==> flow/design.v <==
module word #(parameter N = 8) (
  input wire clk,
  input wire en,
  input wire [N-1:0] d,
  output reg [N-1:0] q
);
  always @(posedge clk)
    if (en) q <= d;
endmodule
module dp_mem_blk #(
  parameter DEPTH = 20,
  parameter NBITS = 6,
  parameter RP = 3,
  parameter ABITS = $clog2(DEPTH)
) (
  input  wire core_clk,
  input  wire rst_i,
  input  wire wr_en,
  input  wire [ABITS-1:0] write_addr,
  input  wire [NBITS-1:0] write_data,
  input  wire [RP*ABITS-1:0] read_addr,
  output reg [RP*NBITS-1:0] rd_data
);
  reg wr_en_reg;
  always @(posedge core_clk) begin
    if (rst_i) begin
      wr_en_reg <= 1'b0;
    end else begin
      wr_en_reg <= wr_en;
    end
  end
  reg [ABITS-1:0] write_addr_reg;
  always @(posedge core_clk) begin
    if (rst_i) begin
      write_addr_reg <= 0;
    end else begin
      write_addr_reg <= write_addr;
    end
  end
  reg [NBITS-1:0] write_data_reg;
  always @(posedge core_clk) begin
    if (rst_i) begin
      write_data_reg <= 0;
    end else begin
      write_data_reg <= write_data;
    end
  end
  wire [DEPTH*NBITS-1:0] bank;
  genvar g;
  generate
    for (g = 0; g < DEPTH; g = g + 1) begin : each
      word #(.N(NBITS)) u (.clk(core_clk), .en(wr_en_reg && write_addr_reg == g), .d(write_data_reg), .q(bank[g*NBITS +: NBITS]));
    end
  endgenerate
  reg [RP*ABITS-1:0] read_addr_reg;
  always @(posedge core_clk) begin
    if (rst_i) begin
      read_addr_reg <= 0;
    end else begin
      read_addr_reg <= read_addr;
    end
  end
  wire [RP*NBITS-1:0] work;
  genvar m;
  generate
    for (m = 0; m < RP; m = m + 1) begin : u_g
      assign work[m*NBITS +: NBITS] = bank[read_addr_reg[m*ABITS +: ABITS]*NBITS +: NBITS];
    end
  endgenerate
  always @(posedge core_clk) begin
    if (rst_i) begin
      rd_data <= 0;
    end else begin
      rd_data <= work;
    end
  end
endmodule
Step by step through the tools: dp_mem_blk
The steps from the RTL of dp_mem_blk to its reports follow in flow order.
Line numbers count from 1 in the design file above.
Operators: Yosys type, input widths -> output width; for muxes data width and select width s.
Cell names lack the library's common part.
{"block": "setup", "top_module": "dp_mem_blk", "clk_port": "core_clk", "cell_library": "sky130hd", "lib_corner": "tt_025C_1v80"}

Word level
Counts by Yosys on the flattened word-level netlist (proc, flatten, opt, wreduce; memories kept). Register bits leave out memories and registers merged into their read ports (data or address); mux counts leave out enables and synchronous resets folded into registers. Print and check cells are left out. Cells with the same type and inputs are merged into one.
{"block": "word_totals", "ff_bits": 165, "input_bits": 29, "out_inout_bits": 18, "word_cells": 71}
{"block": "classes", "mul": 3, "eq_ne": 19, "shifts": 3, "reduce_and_logical": 21}
{"block": "op_table", "cell": "$shiftx 120x9->6", "count": 3}
{"block": "op_table", "cell": "$mul 5x2->7 const B", "count": 3}
{"block": "op_table", "cell": "$eq 5x4->1 const B", "count": 8}
{"block": "op_table", "cell": "$logic_and 1x1->1", "count": 20}
{"block": "op_table", "cell": "$eq 5x3->1 const B", "count": 4}
{"block": "op_table", "cell": "$eq 5x5->1 const B", "count": 4}
{"block": "op_table", "cell": "$eq 5x2->1 const B", "count": 2}
{"block": "op_table", "cell": "$eq 5x1->1 const B", "count": 1}
{"block": "op_table", "cell": "$logic_not 5->1", "count": 1}

Logic depth
Yosys ltp: most cells in a row. Word level: on the elaborated netlist, between registers, memories and ports. Mapped: between sequential cells and ports; inverters and the memories' decode and read muxes count.
{"block": "depth", "depth_word": 2, "abc_area": 0, "depth_mapped": 7, "depth_no_buf": 4}

Synthesis result
Source: synth_stat.txt of the flow (Yosys; design flattened, memories mapped). It holds for the ABC_AREA given above (unset counts as 0); a run with the other value may have another netlist.
{"block": "mapped", "stdcells": 510, "yosys_area_um2": 7913.8, "seq_area_um2": 4504.3, "ffs": 165, "n_buf": 33}
{"block": "by_type", "cell_type": "edfxtp_1", "count": 120, "type_area_um2": 3.6E+03}
{"block": "by_type", "cell_type": "mux4_2", "count": 58, "type_area_um2": 1.31E+03}
{"block": "by_type", "cell_type": "dfxtp_1", "count": 45, "type_area_um2": 900.864}
{"block": "by_type", "cell_type": "mux2_2", "count": 41, "type_area_um2": 461.693}
{"block": "by_type", "cell_type": "mux2i_1", "count": 25, "type_area_um2": 250.24}
{"block": "by_type", "cell_type": "nor2b_1", "count": 35, "type_area_um2": 218.96}
{"block": "by_type", "cell_type": "a22oi_1", "count": 29, "type_area_um2": 217.709}
{"block": "by_type", "cell_type": "a221oi_1", "count": 15, "type_area_um2": 131.376}
{"block": "by_type", "cell_type": "a311oi_1", "count": 9, "type_area_um2": 78.826}
{"block": "by_type", "cell_type": "nor2_1", "count": 21, "type_area_um2": 78.826}
{"block": "by_type", "cell_type": "a211oi_1", "count": 7, "type_area_um2": 52.55}
{"block": "by_type", "cell_type": "nand2_1", "count": 13, "type_area_um2": 48.797}
{"block": "by_type", "cell_type": "buf_2", "count": 9, "type_area_um2": 45.043}
{"block": "by_type", "cell_type": "clkbuf_1", "count": 12, "type_area_um2": 45.043}
{"block": "by_type", "cell_type": "nor3_1", "count": 8, "type_area_um2": 40.038}
{"block": "by_type", "cell_type": "buf_4", "count": 5, "type_area_um2": 37.536}
{"block": "by_type", "cell_type": "nor3b_4", "count": 2, "type_area_um2": 37.536}
{"block": "by_type", "cell_type": "nand3_1", "count": 7, "type_area_um2": 35.034}
Other cell types: 18; their cells: 49.
By module: a second synthesis without flattening, with its own total; a netlist apart from the flattened one above.
{"block": "hier_totals", "cells_unflattened": 513, "area_unflattened_um2": 8025.2}
Each row is one instance without its submodules.
{"block": "by_module", "mod": "dp_mem_blk", "n_inst": 1, "n_cells": 393, "mod_area_um2": 4421.7, "seq_area_um2": 900.9}
{"block": "by_module", "mod": "word #(N=6)", "n_inst": 20, "n_cells": 6, "mod_area_um2": 180.2, "seq_area_um2": 180.2}

Path before layout
Path of least setup slack by OpenSTA after synthesis, without wires, with an ideal clock, recovery checks aside; 20% of the period is set as input and as output delay. Where synthesis merged equal registers, the netlist keeps one of their names.
{"block": "synth_timing", "path_type": "reg-to-reg", "from": "register read_addr_reg[5]", "to": "register rd_data[8]", "clock_period_ns": 2.17, "setup_ns": 0.122, "t_first_pin_ns": 0.000, "arrival_time_ns": 1.612, "t_required_ns": 2.048, "path_slack_ns": 0.436, "path_delay_ns": 1.734, "stages": 5, "n_path_buf": 1, "synth_period_reached_ns": 1.734}
"path_delay_ns" is the arrival time less input delay plus setup time.
"stages": output pins that drive a net of the path, with the launching flip-flop's if there is one; two outputs of one cell count as two.
"synth_period_reached_ns" is the clock period less the worst setup slack; recovery checks do not enter. This is arithmetic on one report: input and output delays are still those of the set period (20% each).
Between the ends stands the longest chain of elaborated cells between them, by number of cells; it is not shown to be the way that was timed. Of several equally long chains one is given.
A line is the first line of the expression or statement that the cell stems from. Yosys adds cells for indexed reads and writes and turns some case tables into memories.
{"block": "synth_via", "path_cell_list": "dfxtp_1 -> buf_6 -> mux4_2 -> mux2_2 -> o311a_1", "elab_chain_cells": 2, "cells_between": 2, "lines_between": 1, "classes_between": "1 x mul; 1 x shift"}
{"block": "synth_lines", "item": "from (decl)", "line": 55, "text": "reg [RP*ABITS-1:0] read_addr_reg;"}
{"block": "synth_lines", "item": "from (assign)", "line": 58, "text": "read_addr_reg <= 0;"}
{"block": "synth_lines", "item": "from (assign)", "line": 60, "text": "read_addr_reg <= read_addr;"}
{"block": "synth_lines", "item": "$mul 5x2->7", "line": 67, "text": "assign work[m*NBITS +: NBITS] = bank[read_addr_reg[m*ABITS +: ABITS]*NBITS +: NBITS];"}
{"block": "synth_lines", "item": "$shiftx 120x9->6", "line": 67}
{"block": "synth_lines", "item": "to (assign)", "line": 72, "text": "rd_data <= 0;"}
{"block": "synth_lines", "item": "to (assign)", "line": 74, "text": "rd_data <= work;"}
{"block": "synth_lines", "item": "to (decl)", "line": 22, "text": "output reg [RP*NBITS-1:0] rd_data"}

Path in the finished layout
Path of least setup slack in the final report of stored run 1 (OpenROAD, finished layout, wires in). Where an end is a register, its clock arrival counts in the times.
{"block": "layout_timing", "path_type": "reg-to-reg", "from": "register read_addr_reg[5]", "to": "register rd_data[9]", "clock_period_ns": 1.26, "setup_ns": 0.11, "t_first_pin_ns": 0.43, "arrival_time_ns": 2.04, "t_required_ns": 1.57, "path_slack_ns": -0.47, "stages": 7, "n_path_buf": 2}
Between the ends stands the longest chain of elaborated cells between them, by number of cells; it is not shown to be the way that was timed. Of several equally long chains one is given.
{"block": "layout_via", "path_cell_list": "dfxtp_4 -> buf_12 -> buf_12 -> mux4_2 -> a22oi_2 -> and3_4 -> a211oi_2", "elab_chain_cells": 2, "cells_between": 2, "lines_between": 1, "classes_between": "1 x mul; 1 x shift"}
{"block": "layout_lines", "item": "from (decl)", "line": 55, "text": "reg [RP*ABITS-1:0] read_addr_reg;"}
{"block": "layout_lines", "item": "from (assign)", "line": 58, "text": "read_addr_reg <= 0;"}
{"block": "layout_lines", "item": "from (assign)", "line": 60, "text": "read_addr_reg <= read_addr;"}
{"block": "layout_lines", "item": "$mul 5x2->7", "line": 67, "text": "assign work[m*NBITS +: NBITS] = bank[read_addr_reg[m*ABITS +: ABITS]*NBITS +: NBITS];"}
{"block": "layout_lines", "item": "$shiftx 120x9->6", "line": 67}
{"block": "layout_lines", "item": "to (assign)", "line": 72, "text": "rd_data <= 0;"}
{"block": "layout_lines", "item": "to (assign)", "line": 74, "text": "rd_data <= work;"}
{"block": "layout_lines", "item": "to (decl)", "line": 22, "text": "output reg [RP*NBITS-1:0] rd_data"}

Ticket comment

Settings and measured results of 3 stored flow runs for module dp_mem_blk (sky130hd), not sorted in any way. The constraints put input and output delay at 20% of the set period each and load the outputs with 0.01 pF.
"achieved_period_ns" = clock period - worst setup slack. The figure is calculated, with input and output delays left at 20% of the set period.
By "worst_setup_path_time_ns" is meant the share of the clock period that the worst setup path is allowed (20% is reserved at inputs, 20% at outputs), minus its slack. Clock arrival times at its registers enter into it.
"power_total_uw" is the tool's figure for a default switching activity; nothing was simulated.

{"run": "stored run 1", "settings": { "period_ns": 1.26, "CORE_UTILIZATION": 47, "PLACE_DENSITY": 0.88, "CELL_PAD_IN_SITES_GLOBAL_PLACEMENT": 3, "CELL_PAD_IN_SITES_DETAIL_PLACEMENT": 0, "GPL_ROUTABILITY_DRIVEN": 0, "CTS_CLUSTER_DIAMETER": 382, "CAP_MARGIN": 20, "CORE_MARGIN": 2, "SLEW_MARGIN": 20 }, "results": { "fin_ws_ns": -0.467, "worst_setup_path_time_ns": 1.73, "path_kind": "reg-to-reg", "achieved_period_ns": 1.727, "finish.utilization_pct": 67.9, "power_total_uw": 12976, "die_footprint_um2": 17891.7, "synthesis_area_um2": 7913.8 }}
{"run": "stored run 2", "settings": { "period_ns": 2.17, "CAP_MARGIN": 20, "CORE_MARGIN": 2, "CORE_UTILIZATION": 40, "SLEW_MARGIN": 20 }, "results": { "fin_ws_ns": 0.218, "worst_setup_path_time_ns": 1.95, "path_kind": "reg-to-reg", "achieved_period_ns": 1.952, "finish.utilization_pct": 48.0, "power_total_uw": 7130, "die_footprint_um2": 20925.1, "synthesis_area_um2": 7913.8 }}
{"run": "stored run 3", "settings": { "period_ns": 1.99, "CORE_UTILIZATION": 54, "SETUP_SLACK_MARGIN": -0.05, "PLACE_DENSITY_LB_ADDON": 0.11, "CORE_ASPECT_RATIO": 0.6, "CELL_PAD_IN_SITES_DETAIL_PLACEMENT": 1, "GPL_TIMING_DRIVEN": 0, "MIN_ROUTING_LAYER": "met1", "CAP_MARGIN": 20, "CORE_MARGIN": 2, "SLEW_MARGIN": 20 }, "results": { "fin_ws_ns": -0.129, "worst_setup_path_time_ns": 2.12, "path_kind": "reg-to-reg", "achieved_period_ns": 2.119, "finish.utilization_pct": 65.9, "power_total_uw": 8042, "die_footprint_um2": 15671.1, "synthesis_area_um2": 7913.8 }}
